==> flow/design.v <==
module gen_shift #(
  parameter integer NBITS = 20,
  parameter integer SEL_W = $clog2(NBITS)
) (
  input wire i_clk,
  input wire rstn,
  input wire [NBITS-1:0] ch,
  input wire [SEL_W-1:0] by,
  output reg [NBITS-1:0] data_out
);
  reg [NBITS-1:0] ch_ff;
  reg [SEL_W-1:0] by_ff;
  reg [NBITS-1:0] val_ff;
  reg [1:0] by_ff_lo;
  always @(posedge i_clk or negedge rstn) begin
    if (~rstn) begin
      ch_ff <= 0;
      by_ff <= 0;
      val_ff <= 0;
      by_ff_lo <= 0;
      data_out <= 0;
    end else begin
      ch_ff <= ch;
      by_ff <= by;
      val_ff <= ch_ff >> {by_ff[SEL_W-1:2], 2'b00};
      by_ff_lo <= by_ff[1:0];
      data_out <= val_ff >> by_ff_lo;
    end
  end
endmodule
## Step by step through the tools: gen_shift

The steps from the RTL of gen_shift to its reports follow in flow order.
Line numbers count from 1 in the design file above.
Library cell names are shortened.
Not given: -

| design | value |
|---|---|
| design top | gen_shift |
| clock port | i_clk |
| library | sky130hd |
| timing corner | tt_025C_1v80 |

## After elaboration

Counts by Yosys on the flattened word-level netlist (proc, flatten, opt, wreduce; memories kept). Register bits leave out memories and registers merged into their read ports (data or address); mux counts leave out enables and synchronous resets folded into registers. Print and check cells are left out. Cells with the same type and inputs are merged into one.

| cells by class | value |
|---|---|
| shift-type cells | 2 |

Operators with widths:

| operator | number |
|---|---|
| >> shifter 20 x 2 -> 20 bit | 1 |
| >> shifter 20 x 5 -> 20 bit | 1 |

| storage and ports | value |
|---|---|
| output and inout bits | 20 |
| word-level cells | 7 |
| input port bits | 27 |
| register bits after elaboration | 67 |

## Longest topological paths

Yosys ltp: most cells in a row. Word level: on the elaborated netlist, between registers, memories and ports. Mapped: between sequential cells and ports; inverters and the memories' decode and read muxes count.

| depth | value |
|---|---|
| depth after elaboration | 1 |
| ABC_AREA | 0 |
| depth in mapped cells | 5 |

## After synthesis

The flow's flattened synthesis, as Yosys stat reports it; memories are mapped. The netlist is that of the ABC_AREA named above (0 if unset); the other value can give another one.
The area totals of this step are shown rounded.

| mapped netlist | value |
|---|---|
| buffers | 13 |
| synthesis area | 2610 um^2 |
| flip-flop cells | 67 |
| sequential part of the area | 1680 um^2 |
| standard cells after synthesis | 160 |

Cell types:

| cell | number |
|---|---|
| dfrtp_1 | 67 |
| mux4_2 | 13 |
| mux2i_1 | 14 |
| a211oi_1 | 10 |
| mux4_1 | 2 |
| nor2_1 | 10 |
| a2bb2oi_1 | 4 |
| o32ai_1 | 4 |
| buf_6 | 3 |
| and2b_1 | 4 |
| buf_2 | 6 |
| and2_1 | 4 |
| buf_12 | 1 |
| nor2b_1 | 3 |
| a31o_1 | 2 |
| a31o_2 | 2 |
| buf_8 | 1 |
| a21oi_1 | 2 |

Other cell types: 8; their cells: 8.

## Path before layout

Source: OpenSTA report_checks on the synthesized netlist (no wires, ideal clock, input and output delay 20% of the period each), path of least setup slack; recovery checks are left aside. Register names are those of the netlist, which keeps one name where synthesis merged equal registers.

| timing post-synthesis | value |
|---|---|
| path kind | register -> register |
| start | register by_ff_lo[0] |
| end | register data_out[0] |
| library setup time | 138 ps |
| delay of the path | 1187 ps |
| clock period | 1480 ps |
| arrival time | 1049 ps |
| stages | 4 |
| buffers on the path | 2 |
| required time | 1342 ps |
| setup slack | 292 ps |
| time at the first pin | 0 ps |
| synthesis period reached | 1188 ps |

"delay of the path" is the arrival time less input delay plus setup time.
"stages": output pins that drive a net of the path, with the launching flip-flop's if there is one; two outputs of one cell count as two.
"synthesis period reached" is the clock period less the worst setup slack; recovery checks do not enter. This is arithmetic on one report: input and output delays are still those of the set period (20% each).
Between the ends stands the longest chain of elaborated cells between them, by number of cells; it is not shown to be the way that was timed. Of several equally long chains one is given.
Each line given opens the expression or statement behind the cell; cells for indexed reads and writes are added by Yosys, which also makes memories of some case tables.

| on the way, post-synthesis | value |
|---|---|
| cells stage by stage | dfrtp_1 > buf_6 > buf_12 > mux4_2 |
| length of the longest elaborated chain | 1 |
| elaborated cells between the ends (all ways) | 1 |
| source lines of those cells | 1 |
| classes of those cells | 1 x shift |

Ends and longest elaborated chain, post-synthesis:

| what | line | text |
|---|---|---|
| start, declared | 14 | `reg [1:0] by_ff_lo;` |
| start, assigned | 20 | `by_ff_lo <= 0;` |
| start, assigned | 26 | `by_ff_lo <= by_ff[1:0];` |
| >> shifter 20 x 2 -> 20 bit | 27 | `data_out <= val_ff >> by_ff_lo;` |
| end, assigned | 21 | `data_out <= 0;` |
| end, assigned | 27 |  |
| end, declared | 9 | `output reg [NBITS-1:0] data_out` |

## Timing after layout

From the final timing report of stored run 1: the path of least setup slack in the routed layout; clock arrival at registers is part of the times.
The report prints the path's times to 10 ps; the period is as set.

| timing after layout | value |
|---|---|
| path kind | register -> output |
| start | register data_out[7] |
| end | output data_out[7] |
| clock period | 2190 ps |
| buffers on the path | 1 |
| stages | 2 |
| arrival time | 1170 ps |
| setup slack | 580 ps |
| time at the first pin | 320 ps |
| output delay | 440 ps |
| required time | 1750 ps |

| on the way, after layout | value |
|---|---|
| cells stage by stage | dfrtp_1 > clkdlybuf4s50_1 |
| length of the longest elaborated chain | 0 |
| elaborated cells between the ends (all ways) | 0 |
| source lines of those cells | 0 |

Ends and longest elaborated chain, after layout:

| what | line | text |
|---|---|---|
| start, declared | 9 | `output reg [NBITS-1:0] data_out` |
| start, assigned | 21 | `data_out <= 0;` |
| start, assigned | 27 | `data_out <= val_ff >> by_ff_lo;` |
| end, declared | 9 |  |

Subject: gen_shift on sky130hd, stored results

Hello all,

Top module gen_shift; platform sky130hd; tools Yosys and OpenROAD; 3 stored runs in no particular order. Input and output delays are each 20% of the period that was set; the output load is 0.01 pF.
Measured values are rounded.

#### Stored run 1

| setting | value |
|---|---|
| period_ns | `2.19` |
| CORE_UTILIZATION | `38` |
| SETUP_SLACK_MARGIN | `0.07` |
| PLACE_DENSITY_LB_ADDON | `0.16` |
| HOLD_SLACK_MARGIN | `-0.0` |
| CORE_ASPECT_RATIO | `1.94` |
| CELL_PAD_IN_SITES_GLOBAL_PLACEMENT | `1` |
| CTS_CLUSTER_SIZE | `97` |
| MAX_ROUTING_LAYER | `met4` |
| CAP_MARGIN | `20` |
| CORE_MARGIN | `2` |
| SLEW_MARGIN | `20` |

| result | value |
|---|---|
| chip area after synthesis (Yosys) | 2610 um^2 |
| area of the die | 7580 um^2 |
| worst slack on setup checks | 582 ps |
| post-route utilization | 50.2% |
| total negative slack on setup checks | 0 ps |

#### Stored run 2

| setting | value |
|---|---|
| period_ns | `1.48` |
| CAP_MARGIN | `20` |
| CORE_MARGIN | `2` |
| CORE_UTILIZATION | `40` |
| SLEW_MARGIN | `20` |

| result | value |
|---|---|
| chip area after synthesis (Yosys) | 2610 um^2 |
| area of the die | 7180 um^2 |
| worst slack on setup checks | 126 ps |
| post-route utilization | 52.5% |
| total negative slack on setup checks | 0 ps |

#### Stored run 3

| setting | value |
|---|---|
| period_ns | `1.5` |
| CORE_UTILIZATION | `43` |
| SETUP_SLACK_MARGIN | `-0.13` |
| CELL_PAD_IN_SITES_DETAIL_PLACEMENT | `1` |
| TNS_END_PERCENT | `25` |
| CTS_CLUSTER_SIZE | `80` |
| CTS_CLUSTER_DIAMETER | `127` |
| CAP_MARGIN | `30` |
| MIN_ROUTING_LAYER | `met2` |
| MAX_ROUTING_LAYER | `met5` |
| CORE_MARGIN | `2` |
| SLEW_MARGIN | `20` |

| result | value |
|---|---|
| chip area after synthesis (Yosys) | 2610 um^2 |
| area of the die | 6710 um^2 |
| worst slack on setup checks | -16 ps |
| post-route utilization | 56.8% |
| total negative slack on setup checks | -17 ps |

Thanks
